==> flow/design.v <==
module add_unit_v2 #(
  parameter DATA_WIDTH = 48,
  parameter SLICE = 6
) (
  input wire clock,
  input wire rstn,
  input wire step,
  input wire [DATA_WIDTH-1:0] first,
  input wire [DATA_WIDTH-1:0] second,
  input wire cin,
  output wire [DATA_WIDTH-1:0] out,
  output wire cy
);
  reg [DATA_WIDTH-1:0] first_r;
  reg [DATA_WIDTH-1:0] second_r;
  reg cin_r;
  localparam NG = DATA_WIDTH / SLICE;
  wire [DATA_WIDTH-1:0] nxt;
  wire [NG:0] c;
  assign c[0] = cin_r;
  genvar i;
  generate
    for (i = 0; i < NG; i = i + 1) begin : row
      wire [SLICE:0] s0 = first_r[i*SLICE +: SLICE] + second_r[i*SLICE +: SLICE];
      wire [SLICE:0] s1 = first_r[i*SLICE +: SLICE] + second_r[i*SLICE +: SLICE] + 1'b1;
      assign {c[i+1], nxt[i*SLICE +: SLICE]} = c[i] ? s1 : s0;
    end
  endgenerate
  assign out = nxt;
  assign cy = c[NG];
  always @(posedge clock or negedge rstn) begin
    if (!rstn) begin
      first_r <= 0;
      second_r <= 0;
      cin_r <= 1'b0;
    end else if (step) begin
      first_r <= first;
      second_r <= second;
      cin_r <= cin;
    end
  end
endmodule
### Step by step through the tools: add_unit_v2

What the tools print for add_unit_v2, step after step.
Lines are those of the file above, counted from 1.
Cell names lack the library's common part.
Not given: --

| design | value |
|---|---|
| design top | add_unit_v2 |
| clock input | clock |
| standard-cell library | sky130hd |
| timing corner | tt_025C_1v80 |

### After elaboration

Counts by Yosys on the flattened word-level netlist (proc, flatten, opt, wreduce; memories kept). Register bits leave out memories and registers merged into their read ports (data or address); mux counts leave out enables and synchronous resets folded into registers. Print and check cells are left out. Cells with the same type and inputs are merged into one.

| storage and ports | value |
|---|---|
| flip-flop bits (word level) | 97 |
| input bits | 100 |
| output and inout port bits | 49 |

| operators by class | value |
|---|---|
| $add $sub $neg | 16 |
| muxes and demuxes | 8 |

Operators with widths:

| kind | count |
|---|---|
| adder 6 x 6 -> 7 bit | 8 |
| adder 7 x 1 -> 7 bit (second input constant) | 8 |
| 2-to-1 mux 7 bit | 8 |

### Depth

Yosys ltp: most cells in a row. Word level: on the elaborated netlist, between registers, memories and ports. Mapped: between sequential cells and ports; inverters and the memories' decode and read muxes count.

| logic depth | value |
|---|---|
| depth in word-level cells | 10 |
| ABC_AREA | 0 |
| gate-level depth with buffers | 15 |

### After synthesis

The flow's flattened synthesis, as Yosys stat reports it; memories are mapped. The netlist is that of the ABC_AREA named above (0 if unset); the other value can give another one.

Cells by type:

| type | count | area in all (um2) |
|---|---|---|
| dfrtp_1 | 97 | 2.43E+03 |
| mux2_2 | 97 | 1.09E+03 |
| ha_1 | 56 | 700.672 |
| xnor2_1 | 46 | 402.886 |
| xor2_1 | 25 | 218.96 |
| nor2_1 | 43 | 161.405 |
| fa_1 | 8 | 160.154 |
| a21oi_1 | 25 | 125.12 |
| inv_1 | 26 | 97.594 |
| nand2_1 | 26 | 97.594 |
| a21o_1 | 11 | 82.579 |
| mux2i_1 | 8 | 80.077 |
| nand3_1 | 15 | 75.072 |
| o21ai_0 | 14 | 70.067 |
| nand4_1 | 11 | 68.816 |
| o21bai_1 | 7 | 52.55 |
| clkbuf_1 | 11 | 41.29 |
| xnor2_2 | 2 | 32.531 |

Not listed: further types 48, cells in them 82.

| synthesis totals | value |
|---|---|
| mapped cells | 610 |
| chip area (Yosys) | 6682.7 um2 |
| sequential area | 2427.3 um2 |
| mapped flip-flops | 97 |

### Worst setup path after synthesis

OpenSTA on the mapped netlist: ideal clock, no wires. The path of least setup slack (recovery checks aside). Input and output delay are each 20% of the period. Register names are those of the netlist, which keeps one name where synthesis merged equal registers.

| path post-synthesis | value |
|---|---|
| path type | register to output |
| start point | register first_r[0] |
| end point | output port out[31] |
| period | 6.38 ns |
| output delay | 1.276 ns |
| launch time at the first pin | 0.000 ns |
| arrival | 4.084 ns |
| path slack | 1.020 ns |
| path delay | 4.084 ns |
| driving pins on the path | 15 |
| synthesis period reached | 5.36 ns |

"path delay" = arrival - input delay + setup time.
At an output port there is no setup time.
"driving pins on the path" counts driving pins, that of a launching flip-flop among them; a cell with two outputs on the path counts twice.
"synthesis period reached" is the clock period less the worst setup slack; recovery checks do not enter. This is arithmetic on one report: input and output delays are still those of the set period (20% each).
The rows between start and end are the longest chain of elaborated cells between them; the timing report does not say that the signal goes this way. Where chains are equally long, one stands for them.
Each line given opens the expression or statement behind the cell; cells for indexed reads and writes are added by Yosys, which also makes memories of some case tables.

| between the ends, post-synthesis | value |
|---|---|
| path through | dfrtp_1 -> ha_1 -> fa_1 -> ha_1 -> nand2_1 -> nor4b_4 -> and4_1 -> nor2_2 -> a2111o_1 -> nor3_2 -> a21oi_1 -> or4b_1 -> buf_2 -> xnor2_2 -> mux2_1 |
| length of the longest elaborated chain | 8 |
| elaborated cells between the ends (all ways) | 8 |
| those cells by class | add/sub (2); mux (6) |

Ends and longest elaborated chain, post-synthesis:

| item | RTL line | RTL |
|---|---|---|
| start, declared | 14 | `reg [DATA_WIDTH-1:0] first_r;` |
| start, assigned | 33 | `first_r <= 0;` |
| start, assigned | 37 | `first_r <= first;` |
| adder 6 x 6 -> 7 bit | 25 | `wire [SLICE:0] s1 = first_r[i*SLICE +: SLICE] + second_r[i*SLICE +: SLICE] + 1'b1;` |
| adder 7 x 1 -> 7 bit | 25 |  |
| 2-to-1 mux 7 bit (6 in a row) | 26 | `assign {c[i+1], nxt[i*SLICE +: SLICE]} = c[i] ? s1 : s0;` |
| end, declared | 11 | `output wire [DATA_WIDTH-1:0] out,` |

### Path in the finished layout

From the final timing report of run 1: the path of least setup slack in the routed layout; clock arrival at registers is part of the times.

| path after layout | value |
|---|---|
| path type | register to output |
| start point | register first_r[0] |
| end point | output port out[43] |
| period | 6.38 ns |
| output delay | 1.28 ns |
| launch time at the first pin | 0.35 ns |
| arrival | 4.96 ns |
| path slack | 0.14 ns |
| driving pins on the path | 16 |

The rows between start and end are the longest chain of elaborated cells between them; the timing report does not say that the signal goes this way. Where chains are equally long, one stands for them.

| between the ends, after layout | value |
|---|---|
| path through | dfrtp_1 -> ha_1 -> fa_1 -> ha_1 -> nand2_2 -> nor4b_4 -> buf_4 -> a311oi_4 -> nor2_2 -> a2111o_1 -> or3_4 -> or4_4 -> nand3_4 -> xnor2_2 -> mux2_4 -> clkdlybuf4s50_1 |
| length of the longest elaborated chain | 10 |
| elaborated cells between the ends (all ways) | 10 |
| those cells by class | add/sub (2); mux (8) |

Ends and longest elaborated chain, after layout:

| item | RTL line | RTL |
|---|---|---|
| start, declared | 14 | `reg [DATA_WIDTH-1:0] first_r;` |
| start, assigned | 33 | `first_r <= 0;` |
| start, assigned | 37 | `first_r <= first;` |
| adder 6 x 6 -> 7 bit | 25 | `wire [SLICE:0] s1 = first_r[i*SLICE +: SLICE] + second_r[i*SLICE +: SLICE] + 1'b1;` |
| adder 7 x 1 -> 7 bit | 25 |  |
| 2-to-1 mux 7 bit (8 in a row) | 26 | `assign {c[i+1], nxt[i*SLICE +: SLICE]} = c[i] ? s1 : s0;` |
| end, declared | 11 | `output wire [DATA_WIDTH-1:0] out,` |

Subject: add_unit_v2 on sky130hd, stored results

Hello all,

add_unit_v2 through Yosys and OpenROAD on sky130hd: 3 stored runs, unordered, with their settings and measured results. The constraints put input and output delay at 20% of the set period each and load the outputs with 0.01 pF.
"clock period achieved" is the run's clock period less its worst setup slack. It is reckoned from that one timing run; input and output delays stay at 20% of the period that was set.
By "worst setup path time" is meant the share of the clock period that the worst setup path is allowed (20% is reserved at inputs, 20% at outputs), minus its slack. Clock arrival times at its registers enter into it.
"power consumption" rests on the timing tool's default activity at the inputs, not on a simulated workload.
Among the settings, -- means not set for that run.
Results: -- = not shown.

| stored run | period_ns | CAP_MARGIN | CORE_MARGIN | CORE_UTILIZATION | SLEW_MARGIN | PLACE_DENSITY_LB_ADDON | CELL_PAD_IN_SITES_GLOBAL_PLACEMENT | CELL_PAD_IN_SITES_DETAIL_PLACEMENT | ABC_AREA | GPL_TIMING_DRIVEN | GPL_ROUTABILITY_DRIVEN | MIN_ROUTING_LAYER | SETUP_SLACK_MARGIN | PLACE_DENSITY | CORE_ASPECT_RATIO | TNS_END_PERCENT | MAX_ROUTING_LAYER | setup slack of the critical path (ns) | clock period achieved (ns) | die area (um2) | area of the standard cells in the finished layout (um2) | utilization (%) | netlist area reported by Yosys (um2) | total negative slack on setup checks (ns) | power consumption (W) | worst hold slack (ns) | worst setup path time (ns) | worst setup path kind |
|---|---|---|---|---|---|---|---|---|---|---|---|---|---|---|---|---|---|---|---|---|---|---|---|---|---|---|---|---|
| run 1 | 6.38 | 20 | 2 | 40 | 20 | -- | -- | -- | -- | -- | -- | -- | -- | -- | -- | -- | -- | 0.140 | 6.240 | 17756.9 | 8802.2 | 53.5 | 6682.7 | 0.000 | 0.002538 | 0.513 | 4.96 | register to output |
| run 2 | 3.79 | 20 | 3 | 46 | 20 | 0.28 | 1 | 1 | 1 | 1 | 1 | met1 | -- | -- | -- | -- | -- | -0.740 | 4.530 | 16257.5 | 9899.5 | 70.0 | 6791.5 | -19.398 | 0.005798 | 0.521 | 3.77 | register to output |
| run 3 | 7.65 | 40 | 2 | 59 | 20 | -- | 2 | 1 | 0 | 1 | -- | met1 | 1.85 | 0.46 | 0.83 | 20 | met5 | -- | -- | -- | -- | -- | -- | -- | -- | -- | -- | -- |

Run 3: not finished: placement ended with error GPL-0301

Thanks
